==> flow/design.v <==
module times #(
  parameter integer DATA_W = 5,
  parameter integer WAYS = 6,
  parameter integer RW = 2*DATA_W + $clog2(WAYS)
) (
  input wire ck,
  input wire rst,
  input wire [WAYS*DATA_W-1:0] i_u,
  input wire [WAYS*DATA_W-1:0] i_v,
  output wire [RW-1:0] o_res
);
  reg [WAYS*DATA_W-1:0] u_q;
  reg [WAYS*DATA_W-1:0] v_q;
  always @(posedge ck) begin
    if (rst) begin
      u_q <= 0;
      v_q <= 0;
    end else begin
      u_q <= i_u;
      v_q <= i_v;
    end
  end
  genvar k;
  wire [2*WAYS*DATA_W-1:0] part;
  generate
    for (k = 0; k < WAYS; k = k + 1) begin : gen
      assign part[2*k*DATA_W +: 2*DATA_W] = u_q[k*DATA_W +: DATA_W] * v_q[k*DATA_W +: DATA_W];
    end
  endgenerate
  reg [2*WAYS*DATA_W-1:0] part_q;
  always @(posedge ck) begin
    if (rst) begin
      part_q <= 0;
    end else begin
      part_q <= part;
    end
  end
  reg [RW-1:0] val;
  integer i;
  always @* begin
    val = 0;
    for (i = 0; i < WAYS; i = i + 1)
      val = val + part_q[2*i*DATA_W +: 2*DATA_W];
  end
  reg [RW-1:0] res_q;
  always @(posedge ck) begin
    if (rst) begin
      res_q <= 0;
    end else begin
      res_q <= val;
    end
  end
  assign o_res = res_q;
endmodule
# From RTL to reports: times
# The steps from the RTL of times to its reports follow in flow order.
# Lines are those of the file above, counted from 1.
# Operators: Yosys type, input widths -> output width; for muxes data width and select width s.
# Library cell names are shortened.
# The mark -- stands for no value.
[setup]
top = "times"
clock = "ck"
library = "sky130hd"
lib_corner = "tt_025C_1v80"

# After elaboration
# Source: Yosys, flattened and elaborated, memories not mapped. Widths are those after wreduce; folded enables and synchronous resets count as part of the registers. Registers that Yosys merges into a memory's read port (data or address) are not register bits. Print and check cells do not count. Equal cells are merged and count once.
[classes]
add_sub_neg = 5
multipliers = 6
[ops]
columns = ["operator", "count"]
rows = [
  ["$mul 5x5->10", 6],
  ["$add 13x10->13", 2],
  ["$add 12x10->13", 1],
  ["$add 11x10->12", 1],
  ["$add 10x10->11", 1],
]
[bits]
reg_bits = 133
word_cells = 15
out_inout_bits = 13
in_bits = 62

# Logic depth
# Longest topological path by Yosys (ltp), each cell counted once; first at word level (registers and memories cut), then after technology mapping (sequential cells cut; the memories' decode and read muxes count).
[depth]
depth_word = 5
ABC_AREA = 0
mapped_depth = 15
ltp_nobuf = 15

# After synthesis
# Source: synth_stat.txt of the flow (Yosys; design flattened, memories mapped). It holds for the ABC_AREA given above (unset counts as 0); a run with the other value may have another netlist.
# Totals and module areas in this step are rounded.
[by_type]
columns = ["cell", "count", "area_total_um2"]
rows = [
  ["dfxtp_1", 133, 2.66E+03],
  ["fa_1", 94, 1.88E+03],
  ["ha_1", 118, 1.48E+03],
  ["inv_1", 182, 683.155],
  ["and2_1", 95, 594.32],
  ["nor2b_1", 82, 512.992],
  ["nand2_1", 66, 247.738],
  ["nor2_1", 59, 221.462],
  ["xnor2_1", 16, 140.134],
  ["xor2_1", 15, 131.376],
  ["a21oi_1", 23, 115.11],
  ["a21o_1", 13, 97.594],
  ["a2111oi_2", 6, 90.086],
  ["nor4b_1", 9, 78.826],
  ["and3_1", 12, 75.072],
  ["o21a_1", 9, 67.565],
  ["o21ai_0", 11, 55.053],
  ["nor3_1", 10, 50.048],
]
# Other cell types: 24; their cells: 65.
[synth_totals]
synth_area_um2 = 9628
mapped_cells = 1018
flip_flops = 133
buffers = 17
seq_area_um2 = 2663

# Timing after synthesis
# OpenSTA on the mapped netlist: ideal clock, no wires. The path of least setup slack (recovery checks aside). Input and output delay are each 20% of the period. Register names are those of the netlist, which keeps one name where synthesis merged equal registers.
[synth_path]
path_type = "flip-flop to flip-flop"
start = "reg part_q[6]"
end = "reg res_q[9]"
n_path_buf = 0
t_first_pin_ns = 0.000
t_required_ns = 4.247
setup_slack_ns = 0.867
path_delay_ns = 3.453
stages = 14
setup_time_ns = 0.073
arrival_ns = 3.380
tclk_ns = 4.32
period_less_setup_slack_ns = 3.453
# "path_delay_ns" = arrival - input delay + setup time.
# "stages": output pins that drive a net of the path, with the launching flip-flop's if there is one; two outputs of one cell count as two.
# "period_less_setup_slack_ns" = period - worst setup slack (recovery checks aside). The figure is calculated, with input and output delays left at 20% of the set period.
# Between the ends stands the longest chain of elaborated cells between them, by number of cells; it is not shown to be the way that was timed. Of several equally long chains one is given.
# A line is the first line of the expression or statement that the cell stems from. Yosys adds cells for indexed reads and writes and turns some case tables into memories.
[synth_via]
cell_sequence = "dfxtp_1 > inv_1 > fa_1 > inv_1 > fa_1 > inv_1 > fa_1 > inv_1 > ha_1 > and2_4 > a31o_1 > or3_1 > and3_4 > nor3_2"
elab_chain_len = 5
cells_between = 5
cone_lines = 1
classes_between = "5 x add/sub"
[synth_lines]
columns = ["element", "line_no", "text"]
rows = [
  ["start: declaration", 30, "reg [2*WAYS*DATA_W-1:0] part_q;"],
  ["start: assignment", 33, "part_q <= 0;"],
  ["start: assignment", 35, "part_q <= part;"],
  ["$add 10x10->11", 43, "val = val + part_q[2*i*DATA_W +: 2*DATA_W];"],
  ["$add 11x10->12", 43, ""],
  ["$add 12x10->13", 43, ""],
  ["$add 13x10->13 x2", 43, ""],
  ["end: assignment", 48, "res_q <= 0;"],
  ["end: assignment", 50, "res_q <= val;"],
  ["end: declaration", 45, "reg [RW-1:0] res_q;"],
]

# Timing after layout
# From the final timing report of run 1: the path of least setup slack in the routed layout; clock arrival at registers is part of the times.
[layout_path]
path_type = "flip-flop to flip-flop"
start = "reg v_q[14]"
end = "reg part_q[29]"
setup_slack_ns = 2.86
setup_time_ns = 0.12
t_first_pin_ns = 0.42
stages = 12
arrival_ns = 3.97
tclk_ns = 6.54
t_required_ns = 6.83
n_path_buf = 0
# Between the ends stands the longest chain of elaborated cells between them, by number of cells; it is not shown to be the way that was timed. Of several equally long chains one is given.
[layout_via]
cell_sequence = "dfxtp_1 > nand2_1 > fa_1 > fa_1 > fa_1 > inv_1 > ha_1 > and3_1 > a2111oi_2 > a21oi_1 > xnor2_1 > nor2_1"
elab_chain_len = 1
cells_between = 1
cone_lines = 1
classes_between = "1 x mul"
[layout_lines]
columns = ["element", "line_no", "text"]
rows = [
  ["start: declaration", 13, "reg [WAYS*DATA_W-1:0] v_q;"],
  ["start: assignment", 17, "v_q <= 0;"],
  ["start: assignment", 20, "v_q <= i_v;"],
  ["$mul 5x5->10", 27, "assign part[2*k*DATA_W +: 2*DATA_W] = u_q[k*DATA_W +: DATA_W] * v_q[k*DATA_W +: DATA_W];"],
  ["end: assignment", 33, "part_q <= 0;"],
  ["end: assignment", 35, "part_q <= part;"],
  ["end: declaration", 30, "reg [2*WAYS*DATA_W-1:0] part_q;"],
]

# 3 stored runs of times in the flow (synthesis by Yosys, layout by OpenROAD, sky130hd cells), in arbitrary order. Constraints: input delay and output delay 20% of the set period each, output load 0.01 pF.
# "period_reached_ns" is the run's clock period less its worst setup slack. It is reckoned from that one timing run; input and output delays stay at 20% of the period that was set.
# By "power_total_mw" is meant OpenSTA's value without simulated activity: inputs other than the clock are taken to toggle once in ten clock periods, and the tool carries that through the logic.
# The measured numbers are rounded.

[[run]]
name = "run 1"
[run.settings]
period_ns = 6.54
CORE_UTILIZATION = 53
CORE_ASPECT_RATIO = 0.7
CORE_MARGIN = 7
CELL_PAD_IN_SITES_DETAIL_PLACEMENT = 1
SLEW_MARGIN = 5
CAP_MARGIN = 20
[run.results]
power_total_mw = 2.312
synth_area_um2 = 9628
period_reached_ns = 3.677
final_hold_ws_ns = 0.511
fin_util_frac = 0.623
die_footprint_um2 = 22200
worstSetupSlack_ns = 2.863

[[run]]
name = "run 2"
[run.settings]
period_ns = 6.02
CORE_UTILIZATION = 65
SETUP_SLACK_MARGIN = 0.66
PLACE_DENSITY_LB_ADDON = 0.24
CORE_MARGIN = 8
CELL_PAD_IN_SITES_GLOBAL_PLACEMENT = 2
CELL_PAD_IN_SITES_DETAIL_PLACEMENT = 0
CTS_CLUSTER_SIZE = 49
CAP_MARGIN = 20
SLEW_MARGIN = 20
[run.results]
outcome = "no results, placement failed with FLW-0024"

[[run]]
name = "run 3"
[run.settings]
period_ns = 4.32
CAP_MARGIN = 20
CORE_MARGIN = 2
CORE_UTILIZATION = 40
SLEW_MARGIN = 20
[run.results]
power_total_mw = 3.559
synth_area_um2 = 9628
period_reached_ns = 3.613
final_hold_ws_ns = 0.497
fin_util_frac = 0.481
die_footprint_um2 = 25330
worstSetupSlack_ns = 0.707
